==> flow/design.v <==
module dp_adder_rtl #(
    parameter WIDTH = 56
) (
    input wire i_clk,
    input wire i_rst_n,
    input wire [WIDTH-1:0] first_in,
    input wire [WIDTH-1:0] second_in,
    output wire [WIDTH:0] out_out
);
    reg [WIDTH:0] out_r;
    always @(posedge i_clk or negedge i_rst_n) begin
        if (~i_rst_n) begin
            out_r <= 0;
        end else begin
            out_r <= first_in + second_in;
        end
    end
    assign out_out = out_r;
endmodule
Reports on dp_adder_rtl. What the tools print for dp_adder_rtl, step after step. Lines are those of the file above, counted from 1. Operators carry their Yosys type and port widths (W data, S select, Z words). Not given: n/a

Top module: dp_adder_rtl. Clock port: i_clk. Standard-cell library: sky130hd. Timing corner: tt_025C_1v80.

Word-level counts. Source: Yosys, flattened and elaborated, memories not mapped. Widths are those after wreduce; folded enables and synchronous resets count as part of the registers. Registers that Yosys merges into a memory's read port (data or address) are not register bits. Print and check cells do not count. Equal cells are merged and count once.

Flip-flop bits (word level): 57. The entry for input port bits reads 114. The entry for output and inout port bits reads 57. The entry for elaborated cells reads 2.

Add/sub/neg operators: 1.

Operators with widths (count): $add A56 B56 Y57 (1).

Longest topological paths. Yosys ltp: most cells in a row. Word level: on the elaborated netlist, between registers, memories and ports. Mapped: between sequential cells and ports; inverters and the memories' decode and read muxes count.

Under depth in word-level cells stands 1. ABC_AREA: 0. Under gate-level depth with buffers stands 11. Mapped depth without buffers: 11.

After synthesis. The flow's flattened synthesis, as Yosys stat reports it; memories are mapped. The netlist is that of the ABC_AREA named above (0 if unset); the other value can give another one. The area totals of this step are shown rounded.

Under standard cells after synthesis stands 513. For chip area (Yosys) the number is 4618 sq um. Area of sequential cells: 1426 sq um. Under flip-flop cells stands 57. For buffer cells the number is 20.

Cell types: sky130_fd_sc_hd__dfrtp_1 (count 57, area in all 1.43E+03 sq um); sky130_fd_sc_hd__ha_1 (count 56, area in all 700.672 sq um); sky130_fd_sc_hd__a21oi_1 (count 65, area in all 325.312 sq um); sky130_fd_sc_hd__xnor2_1 (count 29, area in all 253.994 sq um); sky130_fd_sc_hd__a21o_1 (count 31, area in all 232.723 sq um); sky130_fd_sc_hd__xor2_1 (count 23, area in all 201.443 sq um); sky130_fd_sc_hd__nand2_1 (count 46, area in all 172.666 sq um); sky130_fd_sc_hd__o21ai_0 (count 28, area in all 140.134 sq um); sky130_fd_sc_hd__nand4_1 (count 17, area in all 106.352 sq um); sky130_fd_sc_hd__nor2_1 (count 25, area in all 93.84 sq um); sky130_fd_sc_hd__o21bai_1 (count 12, area in all 90.086 sq um); sky130_fd_sc_hd__clkbuf_1 (count 19, area in all 71.318 sq um); sky130_fd_sc_hd__a31oi_1 (count 8, area in all 50.048 sq um); sky130_fd_sc_hd__a211oi_1 (count 6, area in all 45.043 sq um); sky130_fd_sc_hd__o21a_1 (count 6, area in all 45.043 sq um); sky130_fd_sc_hd__inv_1 (count 11, area in all 41.29 sq um); sky130_fd_sc_hd__nand3_1 (count 7, area in all 35.034 sq um); sky130_fd_sc_hd__nor3_1 (count 7, area in all 35.034 sq um).

Not listed: further types 37, cells in them 60.

Path before layout. Source: OpenSTA report_checks on the synthesized netlist (no wires, ideal clock, input and output delay 20% of the period each), path of least setup slack; recovery checks are left aside. Register names are those of the netlist, which keeps one name where synthesis merged equal registers.

Path kind: input port to flip-flop. Start: input first_in[0]. End: register out_r[50]. The entry for clock period reads 3.84 ns. Input delay: 0.768 ns. Setup time: 0.136 ns. Under launch time at the first pin stands 0.768 ns. For arrival the number is 3.092 ns. For data required time the number is 3.704 ns. For path slack the number is 0.612 ns. Under path delay stands 2.460 ns. The figure for stages is 11. Buffers on the path: 0. For synthesis period reached the number is 3.228 ns.

"path delay" = arrival - input delay + setup time. "stages": output pins that drive a net of the path, with the launching flip-flop's if there is one; two outputs of one cell count as two. "synthesis period reached" = period - worst setup slack (recovery checks aside). The figure is calculated, with input and output delays left at 20% of the set period. The rows between start and end are the longest chain of elaborated cells between them; the timing report does not say that the signal goes this way. Where chains are equally long, one stands for them. Each line given opens the expression or statement behind the cell; cells for indexed reads and writes are added by Yosys, which also makes memories of some case tables.

Path through: sky130_fd_sc_hd__ha_1 sky130_fd_sc_hd__fa_1 sky130_fd_sc_hd__a21o_1 sky130_fd_sc_hd__a221oi_2 sky130_fd_sc_hd__a22o_4 sky130_fd_sc_hd__a211oi_4 sky130_fd_sc_hd__nand3_1 sky130_fd_sc_hd__nand4b_1 sky130_fd_sc_hd__a31o_2 sky130_fd_sc_hd__a2111oi_0 sky130_fd_sc_hd__nor3_1. Length of the longest elaborated chain: 1. For elaborated cells on any way between the ends the number is 1. Source lines of those cells: 1. Those cells by class: add/sub (1).

Ends and longest elaborated chain, post-synthesis: from (decl) (line 6) `input wire [WIDTH-1:0] first_in,`; $add A56 B56 Y57 (line 15) `out_r <= first_in + second_in;`; to (assign) (line 13) `out_r <= 0;`; to (assign) (line 15); to (decl) (line 10) `reg [WIDTH:0] out_r;`.

Worst path after layout. Path of least setup slack in the final report of flow run A (OpenROAD, finished layout, wires in). Where an end is a register, its clock arrival counts in the times.

Path kind: input port to flip-flop. Start: input second_in[0]. End: register out_r[50]. The entry for clock period reads 2.63 ns. Input delay: 0.53 ns. Setup time: 0.12 ns. Under launch time at the first pin stands 0.53 ns. For arrival the number is 2.97 ns. For data required time the number is 2.84 ns. For path slack the number is -0.13 ns. The figure for stages is 13. Buffers on the path: 2.

The rows between start and end are the longest chain of elaborated cells between them; the timing report does not say that the signal goes this way. Where chains are equally long, one stands for them.

Path through: sky130_fd_sc_hd__buf_8 sky130_fd_sc_hd__ha_4 sky130_fd_sc_hd__fa_2 sky130_fd_sc_hd__a21o_1 sky130_fd_sc_hd__a221oi_4 sky130_fd_sc_hd__a22o_4 sky130_fd_sc_hd__a211oi_4 sky130_fd_sc_hd__buf_4 sky130_fd_sc_hd__nand3_2 sky130_fd_sc_hd__nand4b_1 sky130_fd_sc_hd__a31o_4 sky130_fd_sc_hd__a2111oi_4 sky130_fd_sc_hd__nor3_2. Length of the longest elaborated chain: 1. For elaborated cells on any way between the ends the number is 1. Source lines of those cells: 1. Those cells by class: add/sub (1).

Ends and longest elaborated chain, after layout: from (decl) (line 7) `input wire [WIDTH-1:0] second_in,`; $add A56 B56 Y57 (line 15) `out_r <= first_in + second_in;`; to (assign) (line 13) `out_r <= 0;`; to (assign) (line 15); to (decl) (line 10) `reg [WIDTH:0] out_r;`.

# Flow runs of dp_adder_rtl

Measured data: module dp_adder_rtl, platform sky130hd, 3 stored runs of the flow under differing settings, order arbitrary. Input and output delays are each 20% of the period that was set; the output load is 0.01 pF. "reached clock period" = clock period - worst setup slack. The figure is calculated, with input and output delays left at 20% of the set period. "worst setup path time": the worst setup path's part of the clock period (all of it between registers, 20% less for each end at a port) less its slack. A launch clock that arrives late makes it longer, a capture clock that arrives late makes it shorter. "total power after layout" is the tool's figure for a default switching activity; nothing was simulated. Values from the reports are rounded here.

Files of flow run A:
==> flow/run.sh <==
#!/bin/bash
# the make line also repeats the synthesis and layout settings of config.mk as NAME=value (left out here)
make -C /OpenROAD-flow-scripts/flow DESIGN_CONFIG=/design/flow/config.mk WORK_HOME=/design/flow/orfs CLKGATE_MAP_FILE= finish
==> flow/config.mk <==
export PLATFORM = sky130hd
export DESIGN_NAME = dp_adder_rtl
export DESIGN_NICKNAME = dp_adder_rtl
export VERILOG_FILES = /design/flow/design.v
export SDC_FILE = /design/flow/constraint.sdc
export NUM_CORES = 4
export LEC_CHECK = 0
export CAP_MARGIN = 20
export CELL_PAD_IN_SITES_GLOBAL_PLACEMENT = 3
export CORE_MARGIN = 2
export CORE_UTILIZATION = 19
export CTS_CLUSTER_SIZE = 56
export GPL_ROUTABILITY_DRIVEN = 1
export PLACE_DENSITY_LB_ADDON = 0.28
export SETUP_SLACK_MARGIN = 0.4
export SLEW_MARGIN = 35
export TNS_END_PERCENT = 50
==> flow/constraint.sdc <==
create_clock -name core_clock -period 2.63 [get_ports {i_clk}]
set_input_delay 0.5260 -clock core_clock [delete_from_list [all_inputs] [get_ports {i_clk}]]
set_output_delay 0.5260 -clock core_clock [all_outputs]
set_load 0.01 [all_outputs]

Results of flow run A. For the cell area after synthesis the run shows 4618 sq um. The die footprint stands at 25570 sq um. For the std-cell area (final layout) the run shows 9273 sq um. For the utilization after layout the run shows 38.5%. The measured smallest setup slack is -0.129 ns. The final setup TNS reads -0.724 ns. For the total power after layout the run shows 4522 µW. The reached clock period stands at 2.759 ns. For the worst setup path time the run shows 2.23 ns. Critical path kind: input port to flip-flop.

Files of flow run B:
==> flow/run.sh <==
#!/bin/bash
# the make line also repeats the synthesis and layout settings of config.mk as NAME=value (left out here)
make -C /OpenROAD-flow-scripts/flow DESIGN_CONFIG=/design/flow/config.mk WORK_HOME=/design/flow/orfs CLKGATE_MAP_FILE= finish
==> flow/config.mk <==
export PLATFORM = sky130hd
export DESIGN_NAME = dp_adder_rtl
export DESIGN_NICKNAME = dp_adder_rtl
export VERILOG_FILES = /design/flow/design.v
export SDC_FILE = /design/flow/constraint.sdc
export NUM_CORES = 4
export LEC_CHECK = 0
export CAP_MARGIN = 20
export CORE_MARGIN = 2
export CORE_UTILIZATION = 40
export SLEW_MARGIN = 20
==> flow/constraint.sdc <==
create_clock -name core_clock -period 3.84 [get_ports {i_clk}]
set_input_delay 0.7680 -clock core_clock [delete_from_list [all_inputs] [get_ports {i_clk}]]
set_output_delay 0.7680 -clock core_clock [all_outputs]
set_load 0.01 [all_outputs]

Results of flow run B. For the cell area after synthesis the run shows 4618 sq um. The die footprint stands at 12420 sq um. For the std-cell area (final layout) the run shows 6807 sq um. For the utilization after layout the run shows 60.1%. The measured smallest setup slack is 0.358 ns. The final setup TNS reads 0.000 ns. For the total power after layout the run shows 2714 µW. The reached clock period stands at 3.482 ns. For the worst setup path time the run shows 2.71 ns. Critical path kind: input port to flip-flop.

Files of flow run C:
==> flow/run.sh <==
#!/bin/bash
# the make line also repeats the synthesis and layout settings of config.mk as NAME=value (left out here)
make -C /OpenROAD-flow-scripts/flow DESIGN_CONFIG=/design/flow/config.mk WORK_HOME=/design/flow/orfs CLKGATE_MAP_FILE= finish
==> flow/config.mk <==
export PLATFORM = sky130hd
export DESIGN_NAME = dp_adder_rtl
export DESIGN_NICKNAME = dp_adder_rtl
export VERILOG_FILES = /design/flow/design.v
export SDC_FILE = /design/flow/constraint.sdc
export NUM_CORES = 4
export LEC_CHECK = 0
export CAP_MARGIN = 5
export CELL_PAD_IN_SITES_GLOBAL_PLACEMENT = 3
export CORE_MARGIN = 8
export CORE_UTILIZATION = 48
export CTS_CLUSTER_SIZE = 16
export GPL_ROUTABILITY_DRIVEN = 1
export MAX_ROUTING_LAYER = met4
export PLACE_DENSITY_LB_ADDON = 0.02
export SETUP_SLACK_MARGIN = 0.85
export SLEW_MARGIN = 25
==> flow/constraint.sdc <==
create_clock -name core_clock -period 3.32 [get_ports {i_clk}]
set_input_delay 0.6640 -clock core_clock [delete_from_list [all_inputs] [get_ports {i_clk}]]
set_output_delay 0.6640 -clock core_clock [all_outputs]
set_load 0.01 [all_outputs]

Outcome of flow run C: no results, placement failed with FLW-0024.
